==> flow/design.v <==
module dp_arith_add_top #(
  parameter BITS = 8,
  parameter GUARD = 2
) (
  input  wire core_clk,
  input  wire rstn,
  input  wire [BITS-1:0] val,
  input  wire init,
  output wire [BITS+GUARD-1:0] s
);
  reg [BITS+GUARD-1:0] total;
  always @(posedge core_clk or negedge rstn) begin
    if (!rstn) begin
      total <= 0;
    end else begin
      total <= init ? 0 : total + val;
    end
  end
  assign s = total;
endmodule
* From RTL to reports: dp_arith_add_top
Tool output for the design above, in the order of the flow.
Line numbers count from 1 in the design file above.
A cell with - has no value.
- Top module :: dp_arith_add_top
- Clock input :: core_clk
- Cell library :: sky130hd
- Corner :: tt_025C_1v80

* After elaboration
Source: Yosys, flattened and elaborated, memories not mapped. Widths are those after wreduce; folded enables and synchronous resets count as part of the registers. Registers that Yosys merges into a memory's read port (data or address) are not register bits. Print and check cells do not count. Equal cells are merged and count once.
- Output and inout port bits :: 10
- Elaborated cells :: 3
- Register bits :: 10
- Bits of input ports :: 11
- Add/sub/neg operators :: 1
- Multiplexer cells :: 1
** Operator list (count)
- 10-bit by 8-bit adder with 10-bit output :: 1
- 10-bit two-way mux :: 1

* Longest topological paths
Depth = most cells in a row (Yosys ltp): at word level without a register or memory, in the mapped netlist without a sequential cell, where the memories' decode and read muxes count.
- Depth in word-level cells :: 2
- ABC_AREA :: 0
- Gate-level depth with buffers :: 7
- Mapped depth without buffers :: 7

* Netlist
The flow's flattened synthesis, as Yosys stat reports it; memories are mapped. The netlist is that of the ABC_AREA named above (0 if unset); the other value can give another one.
Totals and module areas in this step are rounded.
- Cell area after synthesis :: 716.9 µm²
- Mapped flip-flops :: 10
- Cell count :: 78
** Cells by type
- sky130_fd_sc_hd__dfrtp_1 :: count 10, area in all 250.24 µm²
- sky130_fd_sc_hd__ha_1 :: count 8, area in all 100.096 µm²
- sky130_fd_sc_hd__nor2_1 :: count 10, area in all 37.536 µm²
- sky130_fd_sc_hd__o211ai_1 :: count 4, area in all 30.029 µm²
- sky130_fd_sc_hd__a21oi_1 :: count 5, area in all 25.024 µm²
- sky130_fd_sc_hd__nand2b_1 :: count 4, area in all 25.024 µm²
- sky130_fd_sc_hd__fa_1 :: count 1, area in all 20.019 µm²
- sky130_fd_sc_hd__inv_1 :: count 5, area in all 18.768 µm²
- sky130_fd_sc_hd__a211oi_1 :: count 2, area in all 15.014 µm²
- sky130_fd_sc_hd__nand2_1 :: count 4, area in all 15.014 µm²
- sky130_fd_sc_hd__a211oi_2 :: count 1, area in all 12.512 µm²
- sky130_fd_sc_hd__nor2b_1 :: count 2, area in all 12.512 µm²
- sky130_fd_sc_hd__mux2_2 :: count 1, area in all 11.261 µm²
- sky130_fd_sc_hd__mux2i_1 :: count 1, area in all 10.01 µm²
- sky130_fd_sc_hd__nand3_1 :: count 2, area in all 10.01 µm²
- sky130_fd_sc_hd__nor3_1 :: count 2, area in all 10.01 µm²
- sky130_fd_sc_hd__o21ai_0 :: count 2, area in all 10.01 µm²
- sky130_fd_sc_hd__or4b_1 :: count 1, area in all 10.01 µm²
Not listed: further types 13, cells in them 13.

* Worst setup path after synthesis
Source: OpenSTA report_checks on the synthesized netlist (no wires, ideal clock, input and output delay 20% of the period each), path of least setup slack; recovery checks are left aside. Register names are those of the netlist, which keeps one name where synthesis merged equal registers.
- Path kind :: input -> register
- Start :: in val[1]
- End :: reg total[9]
- Slack :: 0.415 ns
- Required time :: 2.045 ns
- Setup time :: 0.125 ns
- Period :: 2.17 ns
- External input delay :: 0.434 ns
- Buffers on the path :: 0
- Arrival time :: 1.630 ns
- Launch time at the first pin :: 0.434 ns
- Driving pins on the path :: 5
- Delay of the path :: 1.321 ns
- Synthesis period reached :: 1.755 ns
"delay of the path" = arrival - input delay + setup time.
"driving pins on the path": output pins that drive a net of the path, with the launching flip-flop's if there is one; two outputs of one cell count as two.
"synthesis period reached" is the clock period less the worst setup slack; recovery checks do not enter. This is arithmetic on one report: input and output delays are still those of the set period (20% each).
The rows between start and end are the longest chain of elaborated cells between them; the timing report does not say that the signal goes this way. Where chains are equally long, one stands for them.
Each line given opens the expression or statement behind the cell; cells for indexed reads and writes are added by Yosys, which also makes memories of some case tables.
- Path through :: sky130_fd_sc_hd__ha_1 > sky130_fd_sc_hd__a211oi_2 > sky130_fd_sc_hd__o21ai_1 > sky130_fd_sc_hd__a22oi_1 > sky130_fd_sc_hd__mux2_2
- Cells in the longest elaborated chain :: 2
** Ends and longest elaborated chain, after synthesis
- from (decl) :: RTL line 7 : input  wire [BITS-1:0] val,
- 10-bit by 8-bit adder with 10-bit output :: RTL line 16 : total <= init ? 0 : total + val;
- 10-bit two-way mux :: RTL line 16
- to (assign) :: RTL line 14 : total <= 0;
- to (assign) :: RTL line 16
- to (decl) :: RTL line 11 : reg [BITS+GUARD-1:0] total;

* Timing after layout
Path of least setup slack in the final report of run 2 (OpenROAD, finished layout, wires in). Where an end is a register, its clock arrival counts in the times.
- Path kind :: input -> register
- Start :: in val[2]
- End :: reg total[9]
- Driving pins on the path :: 6
- Buffers on the path :: 1
- Setup time :: 0.11 ns
- External input delay :: 0.44 ns
- Arrival time :: 2.16 ns
- Period :: 2.22 ns
- Launch time at the first pin :: 0.44 ns
- Required time :: 2.40 ns
- Slack :: 0.23 ns
The rows between start and end are the longest chain of elaborated cells between them; the timing report does not say that the signal goes this way. Where chains are equally long, one stands for them.
- Path through :: sky130_fd_sc_hd__clkdlybuf4s50_1 > sky130_fd_sc_hd__ha_4 > sky130_fd_sc_hd__o211ai_1 > sky130_fd_sc_hd__o21ai_2 > sky130_fd_sc_hd__a22oi_1 > sky130_fd_sc_hd__mux2_2
- Cells in the longest elaborated chain :: 2
** Ends and longest elaborated chain, post-layout
- from (decl) :: RTL line 7 : input  wire [BITS-1:0] val,
- 10-bit by 8-bit adder with 10-bit output :: RTL line 16 : total <= init ? 0 : total + val;
- 10-bit two-way mux :: RTL line 16
- to (assign) :: RTL line 14 : total <= 0;
- to (assign) :: RTL line 16
- to (decl) :: RTL line 11 : reg [BITS+GUARD-1:0] total;

Appendix: measured runs

Record of 3 stored runs of the RTL-to-layout flow on dp_arith_add_top, platform sky130hd. The runs are unordered. Constraints: input delay and output delay 20% of the set period each, output load 0.01 pF.
By "clock period achieved" is meant the clock period of the run minus its worst setup slack. This is arithmetic on one report: input and output delays are still those of the set period (20% each).
"worst path time" is the time allowed to the run's worst setup path (the clock period less input and output delay, where it has them) less its slack. Clock arrival times count: a late capture clock shortens it, a late launch clock lengthens it.
Values from the reports are rounded here.

** Run 1
- Settings :: period_ns=1.6; CORE_UTILIZATION=49; SETUP_SLACK_MARGIN=0.48; PLACE_DENSITY_LB_ADDON=0.18; HOLD_SLACK_MARGIN=0.08; CELL_PAD_IN_SITES_GLOBAL_PLACEMENT=2; GPL_ROUTABILITY_DRIVEN=1; CTS_CLUSTER_SIZE=14; CTS_CLUSTER_DIAMETER=238; CAP_MARGIN=20; SLEW_MARGIN=15; MIN_ROUTING_LAYER=met1; CORE_MARGIN=2
- Outcome :: not finished: placement ended with error FLW-0024

** Run 2
- Settings :: period_ns=2.22; CORE_UTILIZATION=50; SETUP_SLACK_MARGIN=0.23; TNS_END_PERCENT=90; GPL_TIMING_DRIVEN=1; GPL_ROUTABILITY_DRIVEN=1; SLEW_MARGIN=5; MIN_ROUTING_LAYER=met2; CAP_MARGIN=20; CORE_MARGIN=2
- Die area :: 1,753 µm²
- Standard-cell area of the final layout :: 1,121 µm²
- Sum of negative setup slack :: 0.000 ns
- Setup slack of the worst path :: 0.232 ns
- Worst path time :: 1.54 ns
- Type of the worst setup path :: input -> register
- Clock period achieved :: 1.988 ns
- Area of the synthesized netlist :: 716.9 µm²

** Run 3
- Settings :: period_ns=2.17; CAP_MARGIN=20; CORE_MARGIN=2; CORE_UTILIZATION=40; SLEW_MARGIN=20
- Die area :: 2,147 µm²
- Standard-cell area of the final layout :: 1,066 µm²
- Sum of negative setup slack :: 0.000 ns
- Setup slack of the worst path :: 0.165 ns
- Worst path time :: 1.57 ns
- Type of the worst setup path :: input -> register
- Clock period achieved :: 2.005 ns
- Area of the synthesized netlist :: 716.9 µm²
